==> flow/design.v <==
module switch #(
    parameter int DWIDTH = 2,
    parameter int LANES = 7,
    parameter int LOGN = $clog2(LANES)
) (
    input logic ck,
    input logic clr,
    input logic valid,
    input logic [LANES*DWIDTH-1:0] val,
    input logic [LOGN-1:0] choose,
    output logic [DWIDTH-1:0] data_out
);
    logic [LANES*DWIDTH-1:0] val_d1;
    logic [LOGN-1:0] choose_d1;
    always_ff @(posedge ck or posedge clr) begin
        if (clr) begin
            val_d1 <= 0;
            choose_d1 <= 0;
        end else if (valid) begin
            val_d1 <= val;
            choose_d1 <= choose;
        end
    end
    logic [DWIDTH-1:0] cur;
    always_comb begin
        cur = 0;
        for (int n = 0; n < LANES; n++)
            if (choose_d1 == n) cur = val_d1[n*DWIDTH +: DWIDTH];
    end
    always_ff @(posedge ck or posedge clr) begin
        if (clr) begin
            data_out <= 0;
        end else if (valid) begin
            data_out <= cur;
        end
    end
endmodule
# Tool chain data of switch
# A sweep over "LANES": the same steps for each member of the family.
# The RTL above is that of LANES=7; lines are counted from 1 in the file of the member named.
# Operators carry their Yosys type and port widths (W data, S select, Z words).
inputs:
  design: "switch"
  clk_port: "ck"
  cell_library: "sky130hd"
  corner: "tt_025C_1v80"

# Members of the sweep
# Lines of each other member's file that are new or changed against the file above; lines that a member lacks are not shown.
changed_lines:
  columns: ["LANES", "line", "text"]
  rows:
  - [20, 3, "parameter int LANES = 20,"]
  - [24, 3, "parameter int LANES = 24,"]

# Word-level counts
# Source: Yosys, flattened and elaborated, memories not mapped. Widths are those after wreduce; folded enables and synchronous resets count as part of the registers. Registers that Yosys merges into a memory's read port (data or address) are not register bits. Print and check cells do not count. Equal cells are merged and count once.
word_totals:
  columns: ["LANES", "register_bits", "input_bits"]
  rows:
  - [7, 19, 20]
  - [20, 47, 48]
  - [24, 55, 56]
op_classes:
  columns: ["LANES", "equal", "muxes", "reduce_logical"]
  rows:
  - [7, 6, 7, 1]
  - [20, 19, 20, 1]
  - [24, 23, 24, 1]
ops:
  columns: ["LANES", "op_list"]
  rows:
  - [7, "7 x $mux W2; 3 x $eq A3 B3 Y1 const B; 2 x $eq A3 B2 Y1 const B; 1 x $eq A3 B1 Y1 const B; 1 x $logic_not A3 Y1"]
  - [20, "8 x $eq A5 B4 Y1 const B; 20 x $mux W2; 4 x $eq A5 B3 Y1 const B; 4 x $eq A5 B5 Y1 const B; 2 x $eq A5 B2 Y1 const B; 1 x $eq A5 B1 Y1 const B; 1 x $logic_not A5 Y1"]
  - [24, "24 x $mux W2; 8 x $eq A5 B4 Y1 const B; 8 x $eq A5 B5 Y1 const B; 4 x $eq A5 B3 Y1 const B; 2 x $eq A5 B2 Y1 const B; 1 x $eq A5 B1 Y1 const B; 1 x $logic_not A5 Y1"]

# Longest topological paths
# Depth = most cells in a row (Yosys ltp): at word level without a register or memory, in the mapped netlist without a sequential cell, where the memories' decode and read muxes count.
logic_depth:
  columns: ["LANES", "word_depth", "abc_area", "ltp_mapped", "ltp_nobuf"]
  rows:
  - [7, 8, 0, 4, 4]
  - [20, 21, 0, 7, 5]
  - [24, 25, 0, 8, 5]

# Mapped cells and area
# The flow's flattened synthesis, as Yosys stat reports it; memories are mapped. The netlist is that of the ABC_AREA named above (0 if unset); the other value can give another one.
mapped:
  columns: ["LANES", "mapped_cells", "area_mm2", "seq_area_mm2", "ffs"]
  rows:
  - [7, 67, 0.0008596, 0.0004755, 19]
  - [20, 179, 0.0022859, 0.0011761, 47]
  - [24, 235, 0.0028215, 0.0013763, 55]
by_type:
  columns: ["LANES", "type_list"]
  rows:
  - [7, "19 x sky130_fd_sc_hd__dfrtp_1; 16 x sky130_fd_sc_hd__mux2_2; 6 x sky130_fd_sc_hd__nor2_1; 1 x sky130_fd_sc_hd__mux2_4; 2 x sky130_fd_sc_hd__or2b_1; 2 x sky130_fd_sc_hd__nand2b_1; 2 x sky130_fd_sc_hd__o22ai_1; 1 x sky130_fd_sc_hd__o22ai_2; 1 x sky130_fd_sc_hd__buf_6; 3 x sky130_fd_sc_hd__nand2_1; 1 x sky130_fd_sc_hd__and3b_2; 2 x sky130_fd_sc_hd__o21ai_0; 1 x sky130_fd_sc_hd__o32a_1; 1 x sky130_fd_sc_hd__a311oi_1; 1 x sky130_fd_sc_hd__a211oi_1; 1 x sky130_fd_sc_hd__a21boi_0; 1 x sky130_fd_sc_hd__a21o_1; 2 x sky130_fd_sc_hd__inv_1; (+4)"]
  - [20, "47 x sky130_fd_sc_hd__dfrtp_1; 45 x sky130_fd_sc_hd__mux2_2; 13 x sky130_fd_sc_hd__mux2i_1; 5 x sky130_fd_sc_hd__a211oi_1; 7 x sky130_fd_sc_hd__nor2_1; 5 x sky130_fd_sc_hd__a21oi_1; 5 x sky130_fd_sc_hd__buf_2; 2 x sky130_fd_sc_hd__mux2_1; 3 x sky130_fd_sc_hd__nor3b_1; 4 x sky130_fd_sc_hd__o21ai_0; 1 x sky130_fd_sc_hd__o221a_4; 5 x sky130_fd_sc_hd__buf_1; 3 x sky130_fd_sc_hd__nand2b_1; 1 x sky130_fd_sc_hd__o41ai_2; 1 x sky130_fd_sc_hd__a221oi_2; 1 x sky130_fd_sc_hd__buf_8; 4 x sky130_fd_sc_hd__inv_1; 4 x sky130_fd_sc_hd__nand2_1; (+23)"]
  - [24, "55 x sky130_fd_sc_hd__dfrtp_1; 56 x sky130_fd_sc_hd__mux2_2; 2 x sky130_fd_sc_hd__mux4_1; 9 x sky130_fd_sc_hd__a21oi_1; 12 x sky130_fd_sc_hd__nand2_1; 4 x sky130_fd_sc_hd__mux2i_1; 10 x sky130_fd_sc_hd__clkbuf_1; 7 x sky130_fd_sc_hd__o21ai_0; 6 x sky130_fd_sc_hd__buf_2; 8 x sky130_fd_sc_hd__nor2_1; 4 x sky130_fd_sc_hd__nor2b_1; 3 x sky130_fd_sc_hd__a211oi_1; 2 x sky130_fd_sc_hd__buf_6; 3 x sky130_fd_sc_hd__nand3b_1; 3 x sky130_fd_sc_hd__nor3b_1; 3 x sky130_fd_sc_hd__o211ai_1; 3 x sky130_fd_sc_hd__o31ai_1; 2 x sky130_fd_sc_hd__a221o_1; (+43)"]
# The mark (+n) counts cells that are not listed.

# Timing after synthesis
# Source: OpenSTA report_checks on the synthesized netlist (no wires, ideal clock, input and output delay 20% of the period each), path of least setup slack; recovery checks are left aside. Register names are those of the netlist, which keeps one name where synthesis merged equal registers.
synth_path:
  columns: ["LANES", "path_type", "from", "to", "tclk_ns", "slack_ns", "driving_pins", "path_delay_ns", "synth_period_reached_ns"]
  rows:
  - [7, "flip-flop to flip-flop", "reg (name not given)", "reg data_out[1]", 1.49, 0.297, 5, 1.193, 1.193]
  - [20, "flip-flop to flip-flop", "reg (name not given)", "reg data_out[1]", 1.97, 0.391, 7, 1.579, 1.579]
  - [24, "flip-flop to flip-flop", "reg (name not given)", "reg data_out[1]", 2.09, 0.420, 7, 1.669, 1.67]
# "path_delay_ns" is the arrival time less input delay plus setup time.
# "driving_pins": output pins that drive a net of the path, with the launching flip-flop's if there is one; two outputs of one cell count as two.
# "synth_period_reached_ns" = period - worst setup slack (recovery checks aside). The figure is calculated, with input and output delays left at 20% of the set period.
# Between the ends stands the longest chain of elaborated cells between them, by number of cells; it is not shown to be the way that was timed. Of several equally long chains one is given.
# Each line given opens the expression or statement behind the cell; cells for indexed reads and writes are added by Yosys, which also makes memories of some case tables.
synth_between_LANES_7:
  elab_chain_len: 8
synth_rtl_LANES_7:
  columns: ["item", "line", "text"]
  rows:
  - ["from (decl)", 14, null]
  - ["from (assign)", 18, null]
  - ["from (assign)", 21, null]
  - ["$logic_not A3 Y1", 28, null]
  - ["$mux W2 (7 in a row)", 28, null]
  - ["to (assign)", 32, "data_out <= 0;"]
  - ["to (assign)", 34, "data_out <= cur;"]
  - ["to (decl)", 11, "output logic [DWIDTH-1:0] data_out"]
synth_between_LANES_24:
  elab_chain_len: 25
synth_rtl_LANES_24:
  columns: ["item", "line", "text"]
  rows:
  - ["from (decl)", 14, null]
  - ["from (assign)", 18, null]
  - ["from (assign)", 21, null]
  - ["$logic_not A5 Y1", 28, null]
  - ["$mux W2 (24 in a row)", 28, null]
  - ["to (assign)", 32, "data_out <= 0;"]
  - ["to (assign)", 34, "data_out <= cur;"]
  - ["to (decl)", 11, "output logic [DWIDTH-1:0] data_out"]

# Timing after layout
# Path of least setup slack in the final report of each member's run (OpenROAD, finished layout, wires in). Where an end is a register, its clock arrival counts in the times.
layout_path:
  columns: ["LANES", "path_type", "from", "to", "tclk_ns", "slack_ns", "driving_pins", "arrival_ns", "path_buffers"]
  rows:
  - [7, "flip-flop to flip-flop", "reg (name not given)", "reg data_out[1]", 1.49, 0.19, 5, 1.49, 0]
  - [20, "flip-flop to flip-flop", "reg (name not given)", "reg data_out[0]", 1.97, 0.22, 7, 1.92, 1]
  - [24, "flip-flop to flip-flop", "reg (name not given)", "reg data_out[0]", 2.09, 0.29, 7, 2.00, 1]

# Layout results
# Settings and results of one run of the flow (Yosys, OpenROAD) for each member follow. The constraints put input and output delay at 20% of the set period each and load the outputs with 0.01 pF.
flow_settings:
  CAP_MARGIN: 20
  CORE_MARGIN: 2
  CORE_UTILIZATION: 40
  SLEW_MARGIN: 20
settings_by_member:
  columns: ["LANES", "period_ns"]
  rows:
  - [7, 1.49]
  - [20, 1.97]
  - [24, 2.09]
measured:
  columns: ["LANES", "synthesis_area_mm2", "design_die_area_mm2", "final_cell_area_mm2", "util_pct", "setup_worst_slack_ns", "setup_tns_ns", "power_total_mw", "achievedPeriod_ns"]
  rows:
  - [7, 0.0008596, 0.0025356, 0.0011461, 57.2, 0.190, 0.000, 1.096, 1.300]
  - [20, 0.0022859, 0.0063354, 0.0029879, 54.3, 0.222, 0.000, 2.294, 1.748]
  - [24, 0.0028215, 0.0077414, 0.0036485, 53.7, 0.286, 0.000, 2.543, 1.804]
# "achievedPeriod_ns" means the clock period less the worst setup slack. The figure is calculated, with input and output delays left at 20% of the set period.
# "power_total_mw" rests on the timing tool's default activity at the inputs, not on a simulated workload.
